==> flow/design.v <==
module add_core_rtl #(
    parameter DWIDTH = 8,
    parameter BS = 4
) (
    input  wire ck,
    input  wire [DWIDTH-1:0] u,
    input  wire [DWIDTH-1:0] v,
    input  wire ci,
    output wire [DWIDTH-1:0] o,
    output wire carry
);
    reg [DWIDTH-1:0] u_r;
    always @(posedge ck)
        u_r <= u;
    reg [DWIDTH-1:0] v_r;
    always @(posedge ck)
        v_r <= v;
    reg ci_r;
    always @(posedge ck)
        ci_r <= ci;
    localparam NB = DWIDTH / BS;
    wire [DWIDTH-1:0] val;
    wire [NB:0] cy;
    assign cy[0] = ci_r;
    genvar i;
    generate
        for (i = 0; i < NB; i = i + 1) begin : each
            wire [BS:0] s0 = u_r[i*BS +: BS] + v_r[i*BS +: BS];
            wire [BS:0] s1 = u_r[i*BS +: BS] + v_r[i*BS +: BS] + 1'b1;
            assign {cy[i+1], val[i*BS +: BS]} = cy[i] ? s1 : s0;
        end
    endgenerate
    assign o = val;
    assign carry = cy[NB];
endmodule
--- tool output ---
Tool chain data of add_core_rtl:

Module add_core_rtl in several versions that differ in "DWIDTH"; each step lists the members.
The file above is the member DWIDTH=8. Line numbers count from 1 in each member's own file.
Cell names lack the library's common part.
The mark n/a stands for no value.

* top: add_core_rtl
* clock: ck
* cell library: sky130hd
* corner: tt_025C_1v80

Members of the sweep:

Lines of each other member's file that are new or changed against the file above; lines that a member lacks are not shown.

New or changed lines
* DWIDTH 12: line 2 `parameter DWIDTH = 12,`
* DWIDTH 32: line 2 `parameter DWIDTH = 32,`
* DWIDTH 40: line 2 `parameter DWIDTH = 40,`
* DWIDTH 56: line 2 `parameter DWIDTH = 56,`
* DWIDTH 96: line 2 `parameter DWIDTH = 96,`

After elaboration:

Source: Yosys, flattened and elaborated, memories not mapped. Widths are those after wreduce; folded enables and synchronous resets count as part of the registers. Registers that Yosys merges into a memory's read port (data or address) are not register bits. Print and check cells do not count. Equal cells are merged and count once.

Operators by class
* DWIDTH 8: $add $sub $neg 4, mux-type cells 2
* DWIDTH 12: $add $sub $neg 6, mux-type cells 3
* DWIDTH 32: $add $sub $neg 16, mux-type cells 8
* DWIDTH 40: $add $sub $neg 20, mux-type cells 10
* DWIDTH 56: $add $sub $neg 28, mux-type cells 14
* DWIDTH 96: $add $sub $neg 48, mux-type cells 24

Operators with widths (kind and count)
* DWIDTH 8: 4-bit by 4-bit adder with 5-bit output (2); 5-bit by 1-bit adder with 5-bit output (second input constant) (2); 5-bit two-way mux (2)
* DWIDTH 12: 4-bit by 4-bit adder with 5-bit output (3); 5-bit by 1-bit adder with 5-bit output (second input constant) (3); 5-bit two-way mux (3)
* DWIDTH 32: 4-bit by 4-bit adder with 5-bit output (8); 5-bit by 1-bit adder with 5-bit output (second input constant) (8); 5-bit two-way mux (8)
* DWIDTH 40: 4-bit by 4-bit adder with 5-bit output (10); 5-bit by 1-bit adder with 5-bit output (second input constant) (10); 5-bit two-way mux (10)
* DWIDTH 56: 4-bit by 4-bit adder with 5-bit output (14); 5-bit by 1-bit adder with 5-bit output (second input constant) (14); 5-bit two-way mux (14)
* DWIDTH 96: 4-bit by 4-bit adder with 5-bit output (24); 5-bit by 1-bit adder with 5-bit output (second input constant) (24); 5-bit two-way mux (24)

Bit counts
* DWIDTH 8: output and inout port bits 9, register bits after elaboration 17, input port bits 18
* DWIDTH 12: output and inout port bits 13, register bits after elaboration 25, input port bits 26
* DWIDTH 32: output and inout port bits 33, register bits after elaboration 65, input port bits 66
* DWIDTH 40: output and inout port bits 41, register bits after elaboration 81, input port bits 82
* DWIDTH 56: output and inout port bits 57, register bits after elaboration 113, input port bits 114
* DWIDTH 96: output and inout port bits 97, register bits after elaboration 193, input port bits 194

Depth:

Yosys ltp: most cells in a row. Word level: on the elaborated netlist, between registers, memories and ports. Mapped: between sequential cells and ports; inverters and the memories' decode and read muxes count.

Logic depth
* DWIDTH 8: depth in word-level cells 4, ABC_AREA 0, depth in mapped cells 8, mapped depth without buffers 8
* DWIDTH 12: depth in word-level cells 5, ABC_AREA 0, depth in mapped cells 8, mapped depth without buffers 8
* DWIDTH 32: depth in word-level cells 10, ABC_AREA 0, depth in mapped cells 15, mapped depth without buffers 15
* DWIDTH 40: depth in word-level cells 12, ABC_AREA 0, depth in mapped cells 16, mapped depth without buffers 16
* DWIDTH 56: depth in word-level cells 16, ABC_AREA 0, depth in mapped cells 20, mapped depth without buffers 20
* DWIDTH 96: depth in word-level cells 26, ABC_AREA 0, depth in mapped cells 30, mapped depth without buffers 30

Synthesis result:

Yosys stat after the flow's synthesis: flattened, memories mapped to cells. It holds for the ABC_AREA given above (unset counts as 0); a run with the other value may have another netlist.
Totals and module areas in this step are rounded.

Cell types (types with counts)
* DWIDTH 8: dfxtp_1 (17); ha_1 (10); xor2_1 (7); xnor2_1 (6); fa_1 (2); a21oi_1 (6); a21o_1 (3); xor2_2 (1); a2111oi_2 (1); a211oi_1 (2); a221oi_2 (1); mux2_4 (1); nand2_1 (4); a211oi_2 (1); buf_6 (1); mux2_2 (1); and4b_1 (1); nand3_1 (2); [+9]
* DWIDTH 12: dfxtp_1 (25); ha_1 (15); xnor2_1 (10); fa_1 (3); xor2_1 (6); a21oi_1 (7); inv_1 (8); a31oi_2 (2); a21o_1 (3); mux2_2 (2); xor2_2 (1); mux2_4 (1); nor3b_1 (2); nor4b_2 (1); nand4_1 (2); and4_4 (1); or4_4 (1); nand3_1 (2); [+18]
* DWIDTH 32: dfxtp_1 (65); ha_1 (40); xnor2_1 (26); xor2_1 (20); fa_1 (8); a21o_1 (18); mux2_2 (7); a21oi_1 (15); nand2_1 (14); nand4_1 (7); mux2i_1 (4); nor2_1 (9); mux2_4 (2); nand3_1 (5); mux2i_4 (1); a211oi_4 (1); a2111oi_0 (2); nand4b_1 (2); [+29]
* DWIDTH 40: dfxtp_1 (81); ha_1 (50); xnor2_1 (41); fa_1 (10); xor2_1 (19); a21o_1 (20); a21oi_1 (20); mux2_2 (8); mux2i_1 (9); nand4_1 (13); nand2_1 (16); nand3b_1 (5); nand4b_1 (4); and2_1 (5); nand4bb_1 (2); nand3_1 (4); a221oi_2 (1); mux2i_2 (1); [+21]
* DWIDTH 56: dfxtp_1 (113); ha_1 (70); xnor2_1 (51); xor2_1 (33); fa_1 (14); a21o_1 (27); a21oi_1 (28); mux2i_1 (13); mux2_2 (10); nand4_1 (13); nand3b_1 (10); nand2_1 (19); nand3_1 (9); nand4b_1 (5); and2_2 (5); mux2_1 (3); nand4bb_1 (2); o31ai_4 (1); [+28]
* DWIDTH 96: dfxtp_1 (193); ha_1 (120); xnor2_1 (85); xor2_1 (58); fa_1 (24); a21o_1 (47); mux2_2 (23); a21oi_1 (49); mux2i_1 (23); nand3b_1 (17); nand4_1 (19); nand2_1 (30); nand3_1 (18); nand4b_1 (8); and2_1 (6); and2_2 (5); nor2_1 (8); nand2b_1 (4); [+23]

A list marked [+n] leaves out that many cells.

Mapped netlist
* DWIDTH 8: buffers 1, cell count 76, flip-flop cells 17, chip area (Yosys) 880.8 µm²
* DWIDTH 12: buffers 0, cell count 110, flip-flop cells 25, chip area (Yosys) 1247 µm²
* DWIDTH 32: buffers 1, cell count 275, flip-flop cells 65, chip area (Yosys) 3166 µm²
* DWIDTH 40: buffers 1, cell count 330, flip-flop cells 81, chip area (Yosys) 3869 µm²
* DWIDTH 56: buffers 1, cell count 454, flip-flop cells 113, chip area (Yosys) 5385 µm²
* DWIDTH 96: buffers 0, cell count 760, flip-flop cells 193, chip area (Yosys) 9034 µm²

Timing after synthesis:

Source: OpenSTA report_checks on the synthesized netlist (no wires, ideal clock, input and output delay 20% of the period each), path of least setup slack; recovery checks are left aside. Register names are those of the netlist, which keeps one name where synthesis merged equal registers.

Timing path post-synthesis
* DWIDTH 8: path kind register -> output, start register u_r[0], end output port carry, clock period 3.37 ns, path slack 0.539 ns, delay of the path 2.157 ns, stages 9, synthesis period reached 2.831 ns
* DWIDTH 12: path kind register -> output, start register u_r[0], end output port o[9], clock period 3.79 ns, path slack 0.607 ns, delay of the path 2.425 ns, stages 9, synthesis period reached 3.183 ns
* DWIDTH 32: path kind register -> output, start register u_r[0], end output port o[29], clock period 6.07 ns, path slack 0.970 ns, delay of the path 3.886 ns, stages 16, synthesis period reached 5.1 ns
* DWIDTH 40: path kind register -> output, start register u_r[0], end output port o[37], clock period 7.47 ns, path slack 1.196 ns, delay of the path 4.780 ns, stages 17, synthesis period reached 6.274 ns
* DWIDTH 56: path kind register -> output, start register u_r[0], end output port o[53], clock period 9.41 ns, path slack 1.505 ns, delay of the path 6.023 ns, stages 21, synthesis period reached 7.905 ns
* DWIDTH 96: path kind register -> output, start register u_r[0], end output port o[93], clock period 14.3 ns, path slack 2.309 ns, delay of the path 9.131 ns, stages 31, synthesis period reached 11.991 ns

"delay of the path" = arrival - input delay + setup time.
At an output port there is no setup time.
"stages" counts driving pins, that of a launching flip-flop among them; a cell with two outputs on the path counts twice.
"synthesis period reached" = period - worst setup slack (recovery checks aside). The figure is calculated, with input and output delays left at 20% of the set period.
The rows between start and end are the longest chain of elaborated cells between them; the timing report does not say that the signal goes this way. Where chains are equally long, one stands for them.
A line is the first line of the expression or statement that the cell stems from. Yosys adds cells for indexed reads and writes and turns some case tables into memories.

On the way, post-synthesis, DWIDTH=8:
* cells in the longest elaborated chain: 4

RTL lines, path post-synthesis, DWIDTH=8
* from (decl): line 12 `reg [DWIDTH-1:0] u_r;`
* from (assign): line 14 `u_r <= u;`
* 4-bit by 4-bit adder with 5-bit output: line 29 `wire [BS:0] s1 = u_r[i*BS +: BS] + v_r[i*BS +: BS] + 1'b1;`
* 5-bit by 1-bit adder with 5-bit output: line 29
* 5-bit two-way mux (2 in a row): line 30 `assign {cy[i+1], val[i*BS +: BS]} = cy[i] ? s1 : s0;`
* to (decl): line 10 `output wire carry`

On the way, post-synthesis, DWIDTH=96:
* cells in the longest elaborated chain: 26

RTL lines, path post-synthesis, DWIDTH=96
* from (decl): line 12 `reg [DWIDTH-1:0] u_r;`
* from (assign): line 14 `u_r <= u;`
* 4-bit by 4-bit adder with 5-bit output: line 29 `wire [BS:0] s1 = u_r[i*BS +: BS] + v_r[i*BS +: BS] + 1'b1;`
* 5-bit by 1-bit adder with 5-bit output: line 29
* 5-bit two-way mux (24 in a row): line 30 `assign {cy[i+1], val[i*BS +: BS]} = cy[i] ? s1 : s0;`
* to (decl): line 9 `output wire [DWIDTH-1:0] o,`

Path in the finished layout:

Path of least setup slack in the final report of the run of each member (OpenROAD, finished layout, wires in). Where an end is a register, its clock arrival counts in the times.

Timing path after layout
* DWIDTH 8: path kind register -> output, start register v_r[0], end output port o[5], arrival 2.66 ns, path slack 0.04 ns, stages 11, buffers on the path 3, clock period 3.37 ns
* DWIDTH 12: path kind register -> output, start register u_r[0], end output port o[9], arrival 2.99 ns, path slack 0.04 ns, stages 10, buffers on the path 1, clock period 3.79 ns
* DWIDTH 32: path kind register -> output, start register u_r[0], end output port o[28], arrival 4.63 ns, path slack 0.23 ns, stages 16, buffers on the path 1, clock period 6.07 ns
* DWIDTH 40: path kind register -> output, start register u_r[0], end output port o[37], arrival 5.68 ns, path slack 0.30 ns, stages 19, buffers on the path 2, clock period 7.47 ns
* DWIDTH 56: path kind register -> output, start register u_r[0], end output port o[53], arrival 7.14 ns, path slack 0.39 ns, stages 23, buffers on the path 2, clock period 9.41 ns
* DWIDTH 96: path kind register -> output, start register u_r[0], end output port o[93], arrival 10.86 ns, path slack 0.58 ns, stages 33, buffers on the path 2, clock period 14.3 ns

Measured runs:

Settings and results of one run of the flow (Yosys, OpenROAD) for each member follow. The constraints put input and output delay at 20% of the set period each and load the outputs with 0.01 pF.

* CAP_MARGIN: 20
* CORE_MARGIN: 2
* CORE_UTILIZATION: 40
* SLEW_MARGIN: 20

Settings by member (period_ns)
* DWIDTH 8: 3.37
* DWIDTH 12: 3.79
* DWIDTH 32: 6.07
* DWIDTH 40: 7.47
* DWIDTH 56: 9.41
* DWIDTH 96: 14.3

Measured results
* DWIDTH 8: achieved clock period 3.332 ns, standard-cell area after layout 1365 µm², worst hold slack in the final report 0.823 ns, total die area 2593 µm², post-layout utilization 0.675, worst slack on setup checks 0.038 ns, power consumption 0.0005547 W, synthesis area 880.8 µm², total negative slack on setup checks 0.000 ns
* DWIDTH 12: achieved clock period 3.750 ns, standard-cell area after layout 1782 µm², worst hold slack in the final report 0.857 ns, total die area 3581 µm², post-layout utilization 0.593, worst slack on setup checks 0.040 ns, power consumption 0.0006504 W, synthesis area 1247 µm², total negative slack on setup checks 0.000 ns
* DWIDTH 32: achieved clock period 5.840 ns, standard-cell area after layout 4512 µm², worst hold slack in the final report 1.310 ns, total die area 8642 µm², post-layout utilization 0.587, worst slack on setup checks 0.230 ns, power consumption 0.001219 W, synthesis area 3166 µm², total negative slack on setup checks 0.000 ns
* DWIDTH 40: achieved clock period 7.170 ns, standard-cell area after layout 5553 µm², worst hold slack in the final report 1.570 ns, total die area 10470 µm², post-layout utilization 0.595, worst slack on setup checks 0.300 ns, power consumption 0.001189 W, synthesis area 3869 µm², total negative slack on setup checks 0.000 ns
* DWIDTH 56: achieved clock period 9.025 ns, standard-cell area after layout 7971 µm², worst hold slack in the final report 1.913 ns, total die area 14410 µm², post-layout utilization 0.604, worst slack on setup checks 0.385 ns, power consumption 0.001553 W, synthesis area 5385 µm², total negative slack on setup checks 0.000 ns
* DWIDTH 96: achieved clock period 13.716 ns, standard-cell area after layout 12940 µm², worst hold slack in the final report 2.865 ns, total die area 23800 µm², post-layout utilization 0.587, worst slack on setup checks 0.584 ns, power consumption 0.001546 W, synthesis area 9034 µm², total negative slack on setup checks 0.000 ns

"achieved clock period": clock period set for the run, less the worst setup slack. It is reckoned from that one timing run; input and output delays stay at 20% of the period that was set.
By "power consumption" is meant OpenSTA's value without simulated activity: inputs other than the clock are taken to toggle once in ten clock periods, and the tool carries that through the logic.
Values from the reports are rounded here.
--- end ---
